==> flow/design.v <==
module alu_sub_unit_rtl #(
    parameter WD = 72
) (
    input  wire i_clk,
    input  wire rst_ni,
    input  wire ce,
    input  wire [WD-1:0] i_rs1,
    input  wire i_sub,
    input  wire i_zero,
    output wire [WD-1:0] o_q
);
    reg [WD-1:0] accum;
    always @(posedge i_clk or negedge rst_ni) begin
        if (!rst_ni) begin
            accum <= 0;
        end else if (ce) begin
            accum <= i_zero ? i_rs1 : i_sub ? accum - i_rs1 : accum + i_rs1;
        end
    end
    assign o_q = accum;
endmodule
# From RTL to reports: alu_sub_unit_rtl
# Tool output for the design above, in the order of the flow.
# Line numbers count from 1 in the design file above.
# Operators: Yosys type, input widths -> output width; for muxes data width and select width s.
# Library cell names are shortened.
# A cell with -- has no value.
# setup
top,alu_sub_unit_rtl
clk_port,i_clk
library,sky130hd
corner,tt_025C_1v80

# Word level
# Counts by Yosys on the flattened word-level netlist (proc, flatten, opt, wreduce; memories kept). Register bits leave out memories and registers merged into their read ports (data or address); mux counts leave out enables and synchronous resets folded into registers. Print and check cells are left out. Cells with the same type and inputs are merged into one.
# word_totals
in_bits,77
reg_bits,72
wordCells,5
# classes
muxes,2
n_addsub,2
# op_table
cell,count
$mux 72,2
$add 72x72->72,1
$sub 72x72->72,1

# Logic depth
# Depth = most cells in a row (Yosys ltp): at word level without a register or memory, in the mapped netlist without a sequential cell, where the memories' decode and read muxes count.
# logic_depth
depth_word,3
ABC_AREA,0
mapped_depth,24
mapped_depth_nobuf,23

# After synthesis
# Yosys stat after the flow's synthesis: flattened, memories mapped to cells. It holds for the ABC_AREA given above (unset counts as 0); a run with the other value may have another netlist.
# The area totals of this step are shown rounded.
# synth_totals
cells,1252
flip_flops,72
yosys_area_um2,9015
# by_type
cell,count,type_area_um2
dfrtp_1,72,1.8E+03
a21oi_1,206,1.03E+03
xnor2_1,103,902.115
ha_1,72,900.864
nor2_1,171,641.866
nand2_1,96,360.346
a21o_1,47,352.838
o21ai_0,55,275.264
clkbuf_1,63,236.477
xor2_1,27,236.477
a31oi_1,34,212.704
nand4_1,22,137.632
nor2b_1,22,137.632
inv_1,36,135.13
nor3_1,25,125.12
mux2i_1,11,110.106
nand3_1,22,110.106
o211ai_1,14,105.101
# Other cell types: 49; their cells: 154.

# Timing after synthesis
# Path of least setup slack by OpenSTA after synthesis, without wires, with an ideal clock, recovery checks aside; 20% of the period is set as input and as output delay. Where synthesis merged equal registers, the netlist keeps one of their names.
# synth_timing
kind,input-to-reg
start,input port i_rs1[18]
end,register accum[71]
path_delay_ns,4.698
required_ns,7.195
setup_time_ns,0.145
input_delay_ns,1.468
t_arrival_ns,6.021
path_buffers,1
launch_ns,1.468
period_ns,7.34
stages,20
slack_ns,1.174
period_less_setup_slack_ns,6.166
# "path_delay_ns" is the arrival time less input delay plus setup time.
# "stages" counts driving pins, that of a launching flip-flop among them; a cell with two outputs on the path counts twice.
# "period_less_setup_slack_ns" is the clock period less the worst setup slack; recovery checks do not enter. This is arithmetic on one report: input and output delays are still those of the set period (20% each).
# Between the ends stands the longest chain of elaborated cells between them, by number of cells; it is not shown to be the way that was timed. Of several equally long chains one is given.
# Each line given opens the expression or statement behind the cell; cells for indexed reads and writes are added by Yosys, which also makes memories of some case tables.
# synth_via
cell_sequence,or4_4 > or4_4 > nor4_4 > nand4_1 > nor4_1 > a31oi_1 > xnor2_1 > ha_1 > clkbuf_1 > a21oi_1 > o21ai_0 > nor2_1 > nand3_1 > o211ai_1 > o21ai_0 > a311o_1 > and2_1 > o211ai_2 > mux2i_1 > a32oi_1
elab_chain_len,3
# synth_lines
item,line_no,rtl
start: declaration,7,"input  wire [WD-1:0] i_rs1,"
$add 72x72->72,17,accum <= i_zero ? i_rs1 : i_sub ? accum - i_rs1 : accum + i_rs1;
$mux 72 x2,17,
end: assignment,15,accum <= 0;
end: assignment,17,
end: declaration,12,reg [WD-1:0] accum;

# Path in the finished layout
# Path of least setup slack in the final report of run 1 (OpenROAD, finished layout, wires in). Where an end is a register, its clock arrival counts in the times.
# layout_timing
kind,input-to-reg
start,input port i_rs1[18]
end,register accum[71]
stages,21
required_ns,9.77
input_delay_ns,1.91
slack_ns,1.54
path_buffers,2
period_ns,9.55
setup_time_ns,0.14
launch_ns,1.91
t_arrival_ns,8.23
# Between the ends stands the longest chain of elaborated cells between them, by number of cells; it is not shown to be the way that was timed. Of several equally long chains one is given.
# layout_via
cell_sequence,clkdlybuf4s50_1 > or4_4 > or4_4 > nor4_4 > nand4_1 > nor4_1 > a31oi_1 > xnor2_1 > ha_1 > a21oi_1 > o21ai_0 > nor2_1 > nand3_1 > o211ai_1 > o21ai_0 > buf_4 > a311o_1 > and2_1 > o211ai_2 > mux2i_1 > a32oi_1
elab_chain_len,3
# layout_lines
item,line_no,rtl
start: declaration,7,"input  wire [WD-1:0] i_rs1,"
$add 72x72->72,17,accum <= i_zero ? i_rs1 : i_sub ? accum - i_rs1 : accum + i_rs1;
$mux 72 x2,17,
end: assignment,15,accum <= 0;
end: assignment,17,
end: declaration,12,reg [WD-1:0] accum;

==> runs of alu_sub_unit_rtl <==
Top module alu_sub_unit_rtl; platform sky130hd; tools Yosys and OpenROAD; 2 stored runs in no particular order. Input and output delays are each 20% of the period that was set; the output load is 0.01 pF.
By "period_reached_ns" is meant the clock period of the run minus its worst setup slack. This is arithmetic on one report: input and output delays are still those of the set period (20% each).
"worst_setup_path_time_ns" = time allowed to the worst setup path (clock period - input delay - output delay, where it has them) - its slack; a late launch clock adds to it, a late capture clock takes from it.
"total_power_w" is the tool's figure for a default switching activity; nothing was simulated.
The measured numbers are rounded.

Run 1, flow files:
==> flow/run.sh <==
#!/bin/bash
# the make line also repeats the synthesis and layout settings of config.mk as NAME=value (left out here)
make -C /OpenROAD-flow-scripts/flow DESIGN_CONFIG=/design/flow/config.mk WORK_HOME=/design/flow/orfs CLKGATE_MAP_FILE= finish
==> flow/config.mk <==
export PLATFORM = sky130hd
export DESIGN_NAME = alu_sub_unit_rtl
export DESIGN_NICKNAME = alu_sub_unit_rtl
export VERILOG_FILES = /design/flow/design.v
export SDC_FILE = /design/flow/constraint.sdc
export NUM_CORES = 4
export LEC_CHECK = 0
export CAP_MARGIN = 20
export CORE_MARGIN = 2
export CORE_UTILIZATION = 29
export PLACE_DENSITY_LB_ADDON = 0.12
export SETUP_SLACK_MARGIN = -0.77
export SLEW_MARGIN = 30
==> flow/constraint.sdc <==
create_clock -name core_clock -period 9.55 [get_ports {i_clk}]
set_input_delay 1.9100 -clock core_clock [delete_from_list [all_inputs] [get_ports {i_clk}]]
set_output_delay 1.9100 -clock core_clock [all_outputs]
set_load 0.01 [all_outputs]

==> results of run 1, as CSV <==
result,value
post_synth_area_um2,9015
dieArea_um2,32510
final_cell_area_um2,11070
finish.utilization_pct,36.2
fin_ws_ns,1.539
total_negative_slack_ns,0.000
hold_worst_slack_ns,0.542
total_power_w,0.002722
period_reached_ns,8.011
worst_setup_path_time_ns,6.10
worst_setup_path_type,"input-to-reg"

Run 2, flow files:
==> flow/run.sh <==
#!/bin/bash
# the make line also repeats the synthesis and layout settings of config.mk as NAME=value (left out here)
make -C /OpenROAD-flow-scripts/flow DESIGN_CONFIG=/design/flow/config.mk WORK_HOME=/design/flow/orfs CLKGATE_MAP_FILE= finish
==> flow/config.mk <==
export PLATFORM = sky130hd
export DESIGN_NAME = alu_sub_unit_rtl
export DESIGN_NICKNAME = alu_sub_unit_rtl
export VERILOG_FILES = /design/flow/design.v
export SDC_FILE = /design/flow/constraint.sdc
export NUM_CORES = 4
export LEC_CHECK = 0
export CAP_MARGIN = 20
export CORE_MARGIN = 2
export CORE_UTILIZATION = 40
export SLEW_MARGIN = 20
==> flow/constraint.sdc <==
create_clock -name core_clock -period 7.34 [get_ports {i_clk}]
set_input_delay 1.4680 -clock core_clock [delete_from_list [all_inputs] [get_ports {i_clk}]]
set_output_delay 1.4680 -clock core_clock [all_outputs]
set_load 0.01 [all_outputs]

==> results of run 2, as CSV <==
result,value
post_synth_area_um2,9015
dieArea_um2,23750
final_cell_area_um2,11110
finish.utilization_pct,50.6
fin_ws_ns,0.497
total_negative_slack_ns,0.000
hold_worst_slack_ns,0.515
total_power_w,0.003566
period_reached_ns,6.843
worst_setup_path_time_ns,5.38
worst_setup_path_type,"input-to-reg"
